==> flow/design.v <==
module dp_mux_mod #(
  parameter integer WD = 4,
  parameter integer N_IN = 4,
  parameter integer SEL_WIDTH = $clog2(N_IN)
) (
  input  logic core_clk,
  input  logic rst_ni,
  input  logic [N_IN*WD-1:0] i_ch,
  input  logic [SEL_WIDTH-1:0] i_choose,
  output logic [WD-1:0] o_result
);
  logic [N_IN*WD-1:0] ch_s;
  logic [SEL_WIDTH-1:0] choose_s;
  assign o_result = ch_s[choose_s*WD +: WD];
  always_ff @(posedge core_clk or negedge rst_ni) begin
    if (!rst_ni) begin
      ch_s <= '0;
      choose_s <= '0;
    end else begin
      ch_s <= i_ch;
      choose_s <= i_choose;
    end
  end
endmodule
======== Tool chain data of dp_mux_mod ========
A sweep over "N_IN": the same steps for each member of the family.
The RTL above is that of N_IN=4; lines are counted from 1 in the file of the member named.
Cell names lack the library's common part.
The mark n/a stands for no value.
set-up
  design top .............................. dp_mux_mod
  clock port .............................. core_clk
  standard-cell library ................... sky130hd
  library corner .......................... tt_025C_1v80

======== Members of the sweep ========
New or changed lines of each further member against the RTL above, in its own file; lines it lacks are not shown.
new or changed lines
  N_IN  line  text
  8     3     parameter integer N_IN = 8,
  12    3     parameter integer N_IN = 12,

======== Word-level counts ========
Yosys after proc, flatten, opt, wreduce and memory -nomap, before mapping. Enables and synchronous resets that opt folds into registers are not counted as muxes. Memory bits, and registers merged into a memory's read port (data or address), are not among the register bits. Print and check cells are not counted. Equal cells are merged and count once.
operators by class
  N_IN  add/subtract/negate cells  multiply operators  divide/modulo/power cells  order comparisons  eq/ne operators  shifts and indexed selects  mux-type cells  bitwise gates (word level)  reduce/logical cells
  4     0                          0                   0                          0                  0                1                           0               0                           0
  8     0                          0                   0                          0                  0                1                           0               0                           0
  12    0                          0                   0                          0                  0                1                           0               0                           0
operators by type and width
  N_IN  kinds with counts
  4     1 x variable part select 16 x 5 -> 4 bit
  8     1 x variable part select 32 x 6 -> 4 bit
  12    1 x variable part select 48 x 7 -> 4 bit
word-level totals
  N_IN  register bits  latch bits  memory bits (writable)  memory bits (read-only)  clocked read ports x word width  memories  input port bits  output and inout bits  cells after elaboration
  4     18             0           0                       0                        0                                0         20               4                      3
  8     35             0           0                       0                        0                                0         37               4                      3
  12    52             0           0                       0                        0                                0         54               4                      3

======== Depth ========
Longest topological path by Yosys (ltp), each cell counted once; first at word level (registers and memories cut), then after technology mapping (sequential cells cut; the memories' decode and read muxes count).
depth
  N_IN  word-level depth  ABC_AREA  mapped depth  gate-level depth less buffers
  4     1                 0         1             1
  8     1                 0         3             2
  12    1                 0         5             3

======== Mapped cells and area ========
The flow's flattened synthesis, as Yosys stat reports it; memories are mapped. The netlist is that of the ABC_AREA named above (0 if unset); the other value can give another one.
Totals and module areas in this step are rounded.
mapped netlist
  N_IN  standard cells after synthesis  cell area after synthesis (mm^2)  area of sequential cells (mm^2)  flip-flops  buffers
  4     22                              0.0005555                         0.0004504                        18          0
  8     49                              0.001146                          0.0008758                        35          2
  12    90                              0.001732                          0.001301                         52          3
cell types
  N_IN  types with counts
  4     18 x dfrtp_1; 4 x mux4_1
  8     35 x dfrtp_1; 8 x mux4_1; 4 x mux2_2; 1 x buf_6; 1 x clkbuf_1
  12    52 x dfrtp_1; 6 x mux4_1; 8 x mux2_2; 2 x mux4_2; 4 x o31ai_1; 4 x o22ai_1; 1 x buf_12; 5 x nand2_1; 4 x nor2_1; 1 x buf_6; 1 x nand2b_1; 1 x nor2b_1; 1 x clkbuf_2

======== Worst setup path after synthesis ========
OpenSTA on the mapped netlist: ideal clock, no wires. The path of least setup slack (recovery checks aside). Input and output delay are each 20% of the period. Register names are those of the netlist, which keeps one name where synthesis merged equal registers.
path post-synthesis
  N_IN  path type           from                       to                       clock period (ns)  slack (ns)  stages on the path  delay of the path (ns)  synthesis period reached (ns)
  4     register to output  register (name not given)  output port o_result[0]  1.58               0.253       2                   1.011                   1.327
  8     register to output  register (name not given)  output port o_result[0]  1.99               0.321       4                   1.271                   1.669
  12    register to output  register (name not given)  output port o_result[3]  1.92               0.307       6                   1.229                   1.613
"delay of the path" = arrival - input delay + setup time.
A path that ends at an output port has no setup time.
"stages on the path": output pins that drive a net of the path, with the launching flip-flop's if there is one; two outputs of one cell count as two.
"synthesis period reached" is the clock period less the worst setup slack; recovery checks do not enter. This is arithmetic on one report: input and output delays are still those of the set period (20% each).
Between the ends stands the longest chain of elaborated cells between them, by number of cells; it is not shown to be the way that was timed. Of several equally long chains one is given.
Each line given opens the expression or statement behind the cell; cells for indexed reads and writes are added by Yosys, which also makes memories of some case tables.
on the way, post-synthesis, N_IN=4
  length of the longest elaborated chain .. 1
ends and longest elaborated chain, post-synthesis, N_IN=4
  item                                  line  text
  start: declaration                    13
  start: assignment                     18
  start: assignment                     21
  variable part select 16 x 5 -> 4 bit  14
  end: declaration                      10    output logic [WD-1:0] o_result
on the way, post-synthesis, N_IN=12
  length of the longest elaborated chain .. 1
ends and longest elaborated chain, post-synthesis, N_IN=12
  item                                  line  text
  start: declaration                    13
  start: assignment                     18
  start: assignment                     21
  variable part select 48 x 7 -> 4 bit  14
  end: declaration                      10    output logic [WD-1:0] o_result

======== Timing after layout ========
From the final timing report of each member's run: the path of least setup slack in the routed layout; clock arrival at registers is part of the times.
path post-layout
  N_IN  path type           from                       to                       clock period (ns)  slack (ns)  stages on the path  data arrival time (ns)  buffers on the path
  4     register to output  register (name not given)  output port o_result[0]  1.58               -0.13       4                   1.40                    2
  8     register to output  register (name not given)  output port o_result[0]  1.99               -0.14       5                   1.74                    2
  12    register to output  register (name not given)  output port o_result[2]  1.92               -0.20       7                   1.74                    3

======== Measured runs ========
One run of the flow (Yosys, OpenROAD) for each member, with settings and measured results. Input and output delays are each 20% of the period that was set; the output load is 0.01 pF.
flow settings
  CAP_MARGIN .............................. 20
  CORE_MARGIN ............................. 2
  CORE_UTILIZATION ........................ 40
  SLEW_MARGIN ............................. 20
settings that differ
  N_IN  period_ns
  4     1.58
  8     1.99
  12    1.92
measured results
  N_IN  post-synthesis cell area (mm^2)  overall die area (mm^2)  standard-cell area after routing (mm^2)  lowest setup slack (ns)  sum of negative setup slack (ns)  achieved clock period (ns)
  4     0.0005555                        0.001703                 0.0008483                                -0.134                   -0.516                            1.714
  8     0.001146                         0.00331                  0.001659                                 -0.144                   -0.554                            2.134
  12    0.001732                         0.004871                 0.002526                                 -0.201                   -0.747                            2.121
By "achieved clock period" is meant the clock period of the run minus its worst setup slack. This is arithmetic on one report: input and output delays are still those of the set period (20% each).
Measured values are rounded.
